==> flow/design.v <==
module alu_storage #(
    parameter ENTRIES = 48,
    parameter XLEN = 16,
    parameter ABITS = $clog2(ENTRIES)
) (
    input  wire core_clk,
    input  wire i_rst_n,
    input  wire [ABITS-1:0] address_in,
    input  wire wr_en_in,
    input  wire [XLEN-1:0] wdata_in,
    output reg [XLEN-1:0] read_data_out
);
    reg [ABITS-1:0] r_address;
    always @(posedge core_clk or negedge i_rst_n) begin
        if (!i_rst_n) begin
            r_address <= 0;
        end else begin
            r_address <= address_in;
        end
    end
    reg r_wr_en;
    always @(posedge core_clk or negedge i_rst_n) begin
        if (!i_rst_n) begin
            r_wr_en <= 1'b0;
        end else begin
            r_wr_en <= wr_en_in;
        end
    end
    reg [XLEN-1:0] r_wdata;
    always @(posedge core_clk or negedge i_rst_n) begin
        if (!i_rst_n) begin
            r_wdata <= 0;
        end else begin
            r_wdata <= wdata_in;
        end
    end
    reg [XLEN-1:0] bank [ENTRIES-1:0];
    always @(posedge core_clk)
        if (r_wr_en) bank[r_address] <= r_wdata;
    always @(posedge core_clk or negedge i_rst_n) begin
        if (!i_rst_n) begin
            read_data_out <= 0;
        end else begin
            read_data_out <= r_wr_en ? r_wdata : bank[r_address];
        end
    end
endmodule
Reports on alu_storage
What the tools print for alu_storage, step after step.
Line numbers count from 1 in the design file above.
Operators carry their Yosys type and port widths (W data, S select, Z words).
Library cell names are shortened.
Not given: --
Set-up
  top module: alu_storage
  clock: core_clk
  cell library: sky130hd
  corner: tt_025C_1v80

Elaborated design
Yosys after proc, flatten, opt, wreduce and memory -nomap, before mapping. Enables and synchronous resets that opt folds into registers are not counted as muxes. Memory bits, and registers merged into a memory's read port (data or address), are not among the register bits. Print and check cells are not counted. Equal cells are merged and count once.
Yosys's memory passes give these memory sizes; they may raise the number of words (mostly to a power of two), join words into wider ones and drop unused or constant bits.
Bit counts
  register bits after elaboration: 23
  clocked read ports x word width: 16
  bits in latches: 0
  memory cells: 1
  ROM bits: 0
  memory bits (writable): 768
  input port bits: 25
  elaborated cells: 8
  output and inout port bits: 16
Operators by class
  shifts and indexed selects: 0
  bitwise operators: 0
  multipliers: 0
  reductions and logical operators: 1
  add/sub/neg operators: 0
  div/mod/pow operators: 0
  equal/unequal tests: 0
  mux-type cells: 3
  magnitude comparators: 0
Memory list
  bank: words 48, width 16, rd ports 1, write ports 1, RTL line 37  | reg [XLEN-1:0] bank [ENTRIES-1:0];
Operators by type and width (count)
  $mux W16: 1
  $mux W6: 1
  $logic_not A1 Y1: 1
  $mux W1: 1

Logic depth
Depth = most cells in a row (Yosys ltp): at word level without a register or memory, in the mapped netlist without a sequential cell, where the memories' decode and read muxes count.
Logic depth
  depth in word-level cells: 1
  ABC_AREA: 0
  gate-level depth with buffers: 10

Synthesis result
The flow's flattened synthesis, as Yosys stat reports it; memories are mapped. The netlist is that of the ABC_AREA named above (0 if unset); the other value can give another one.
The area totals of this step are shown rounded.
Synthesis totals
  flip-flops: 807
  cells in the netlist: 1722
  sequential part of the area: 24000 sq um
  chip area (Yosys): 31100 sq um
Cell types
  edfxtp_1: count 768, area in all 2.31E+04 sq um
  dfrtp_1: count 39, area in all 975.936 sq um
  mux2i_1: count 94, area in all 940.902 sq um
  mux4_2: count 41, area in all 923.386 sq um
  mux2_2: count 74, area in all 833.299 sq um
  a221oi_1: count 79, area in all 691.914 sq um
  a22oi_1: count 48, area in all 360.346 sq um
  nor2_1: count 80, area in all 300.288 sq um
  buf_2: count 53, area in all 265.254 sq um
  nand2_1: count 63, area in all 236.477 sq um
  a221o_1: count 21, area in all 210.202 sq um
  a21oi_1: count 41, area in all 205.197 sq um
  o21ai_0: count 35, area in all 175.168 sq um
  o221ai_1: count 18, area in all 157.651 sq um
  a31oi_1: count 21, area in all 131.376 sq um
  o22ai_1: count 21, area in all 131.376 sq um
  clkbuf_1: count 33, area in all 123.869 sq um
  buf_4: count 15, area in all 112.608 sq um
Other cell types: 50; their cells: 178.

Timing after synthesis
Path of least setup slack by OpenSTA after synthesis, without wires, with an ideal clock, recovery checks aside; 20% of the period is set as input and as output delay. Where synthesis merged equal registers, the netlist keeps one of their names.
Timing post-synthesis
  path kind: register -> register
  start point: register r_address[2]
  end point: memory bank[32][0]
  clock period: 3.26 ns
  path slack: 0.649 ns
  delay of the path: 2.611 ns
  data required time: 2.871 ns
  driving pins on the path: 8
  path buffers: 4
  data arrival time: 2.222 ns
  synthesis period reached: 2.611 ns
"delay of the path" = arrival - input delay + setup time.
"driving pins on the path" counts driving pins, that of a launching flip-flop among them; a cell with two outputs on the path counts twice.
"synthesis period reached" = period - worst setup slack (recovery checks aside). The figure is calculated, with input and output delays left at 20% of the set period.
Between the ends stands the longest chain of elaborated cells between them, by number of cells; it is not shown to be the way that was timed. Of several equally long chains one is given.
Each line given opens the expression or statement behind the cell; cells for indexed reads and writes are added by Yosys, which also makes memories of some case tables.
On the way, post-synthesis
  cell sequence: dfrtp_1 > buf_4 > buf_6 > clkinv_1 > clkbuf_1 > buf_1 > nand2_1 > nor2_1
  cells in the longest elaborated chain: 1
  elaborated cells on any way between the ends: 1
  RTL lines with such cells: 1
Ends and longest elaborated chain, post-synthesis
  start: declaration: RTL line 13  | reg [ABITS-1:0] r_address;
  start: assignment: RTL line 16  | r_address <= 0;
  start: assignment: RTL line 18  | r_address <= address_in;
  $mux W6: RTL line 39  | if (r_wr_en) bank[r_address] <= r_wdata;
  end: declaration: RTL line 37  | reg [XLEN-1:0] bank [ENTRIES-1:0];

Timing after layout
From the final timing report of job 1: the path of least setup slack in the routed layout; clock arrival at registers is part of the times.
Timing post-layout
  path kind: register -> register
  start point: register r_address[2]
  end point: register read_data_out[5]
  clock period: 3.26 ns
  driving pins on the path: 9
  data required time: 3.76 ns
  path slack: 0.22 ns
  path buffers: 3
  data arrival time: 3.53 ns
On the way, post-layout
  cell sequence: dfrtp_4 > buf_12 > buf_12 > buf_4 > nand2_1 > o22ai_1 > o31a_1 > a2111oi_0 > o221ai_1
Ends and longest elaborated chain, post-layout
  start: declaration: RTL line 13  | reg [ABITS-1:0] r_address;
  start: assignment: RTL line 16  | r_address <= 0;
  start: assignment: RTL line 18  | r_address <= address_in;
  end: declaration: RTL line 11  | output reg [XLEN-1:0] read_data_out
Chain of elaborated cells between the ends: none given.

--- measured runs ---
Measured data: module alu_storage, platform sky130hd, 3 stored runs of the flow under differing settings, order arbitrary. Input and output delays are each 20% of the period that was set; the output load is 0.01 pF.
"achieved clock period" = clock period - worst setup slack. The figure is calculated, with input and output delays left at 20% of the set period.
"worst setup path time" = time allowed to the worst setup path (clock period - input delay - output delay, where it has them) - its slack; a late launch clock adds to it, a late capture clock takes from it.
"power" rests on the timing tool's default activity at the inputs, not on a simulated workload.
Measured values are rounded.

Job 1
==> flow/run.sh <==
#!/bin/bash
# the make line also repeats the synthesis and layout settings of config.mk as NAME=value (left out here)
make -C /OpenROAD-flow-scripts/flow DESIGN_CONFIG=/design/flow/config.mk WORK_HOME=/design/flow/orfs CLKGATE_MAP_FILE= finish
==> flow/config.mk <==
export PLATFORM = sky130hd
export DESIGN_NAME = alu_storage
export DESIGN_NICKNAME = alu_storage
export VERILOG_FILES = /design/flow/design.v
export SDC_FILE = /design/flow/constraint.sdc
export NUM_CORES = 4
export LEC_CHECK = 0
export CAP_MARGIN = 20
export CORE_MARGIN = 2
export CORE_UTILIZATION = 40
export SLEW_MARGIN = 20
==> flow/constraint.sdc <==
create_clock -name core_clock -period 3.26 [get_ports {core_clk}]
set_input_delay 0.6520 -clock core_clock [delete_from_list [all_inputs] [get_ports {core_clk}]]
set_output_delay 0.6520 -clock core_clock [all_outputs]
set_load 0.01 [all_outputs]

==> results of job 1 <==
chip area after synthesis (Yosys): 31,100 sq um
die area: 80,100 sq um
standard-cell area of the final layout: 36,300 sq um
utilization: 47.0 %
worst setup slack after layout: 0.225 ns
total negative slack: 0.000 ns
power: 22.1 mW
achieved clock period: 3.035 ns
worst setup path time: 3.04 ns
worst setup path kind: register -> register

Job 2
==> flow/run.sh <==
#!/bin/bash
# the make line also repeats the synthesis and layout settings of config.mk as NAME=value (left out here)
make -C /OpenROAD-flow-scripts/flow DESIGN_CONFIG=/design/flow/config.mk WORK_HOME=/design/flow/orfs CLKGATE_MAP_FILE= finish
==> flow/config.mk <==
export PLATFORM = sky130hd
export DESIGN_NAME = alu_storage
export DESIGN_NICKNAME = alu_storage
export VERILOG_FILES = /design/flow/design.v
export SDC_FILE = /design/flow/constraint.sdc
export NUM_CORES = 4
export LEC_CHECK = 0
export CAP_MARGIN = 30
export CORE_MARGIN = 2
export CORE_UTILIZATION = 21
export GPL_ROUTABILITY_DRIVEN = 1
export MAX_ROUTING_LAYER = met4
export MIN_ROUTING_LAYER = met1
export PLACE_DENSITY_LB_ADDON = 0.13
export SETUP_SLACK_MARGIN = 0.23
export SLEW_MARGIN = 40
export TNS_END_PERCENT = 15
==> flow/constraint.sdc <==
create_clock -name core_clock -period 4.35 [get_ports {core_clk}]
set_input_delay 0.8700 -clock core_clock [delete_from_list [all_inputs] [get_ports {core_clk}]]
set_output_delay 0.8700 -clock core_clock [all_outputs]
set_load 0.01 [all_outputs]

==> results of job 2 <==
chip area after synthesis (Yosys): 31,100 sq um
die area: 151,000 sq um
standard-cell area of the final layout: 37,700 sq um
utilization: 25.6 %
worst setup slack after layout: 0.851 ns
total negative slack: 0.000 ns
power: 17.5 mW
achieved clock period: 3.499 ns
worst setup path time: 3.50 ns
worst setup path kind: register -> register

Job 3
==> flow/run.sh <==
#!/bin/bash
# the make line also repeats the synthesis and layout settings of config.mk as NAME=value (left out here)
make -C /OpenROAD-flow-scripts/flow DESIGN_CONFIG=/design/flow/config.mk WORK_HOME=/design/flow/orfs CLKGATE_MAP_FILE= finish
==> flow/config.mk <==
export PLATFORM = sky130hd
export DESIGN_NAME = alu_storage
export DESIGN_NICKNAME = alu_storage
export VERILOG_FILES = /design/flow/design.v
export SDC_FILE = /design/flow/constraint.sdc
export NUM_CORES = 4
export LEC_CHECK = 0
export ABC_AREA = 1
export CAP_MARGIN = 20
export CELL_PAD_IN_SITES_DETAIL_PLACEMENT = 1
export CORE_MARGIN = 10
export CORE_UTILIZATION = 16
export CTS_CLUSTER_DIAMETER = 299
export CTS_CLUSTER_SIZE = 10
export MAX_ROUTING_LAYER = met4
export MIN_ROUTING_LAYER = met1
export PLACE_DENSITY = 0.73
export SLEW_MARGIN = 5
==> flow/constraint.sdc <==
create_clock -name core_clock -period 1.77 [get_ports {core_clk}]
set_input_delay 0.3540 -clock core_clock [delete_from_list [all_inputs] [get_ports {core_clk}]]
set_output_delay 0.3540 -clock core_clock [all_outputs]
set_load 0.01 [all_outputs]

==> results of job 3 <==
chip area after synthesis (Yosys): 34,000 sq um
die area: 232,000 sq um
standard-cell area of the final layout: 47,400 sq um
utilization: 22.4 %
worst setup slack after layout: -0.939 ns
total negative slack: -337 ns
power: 45.2 mW
achieved clock period: 2.709 ns
worst setup path time: 2.71 ns
worst setup path kind: register -> register
--- end ---
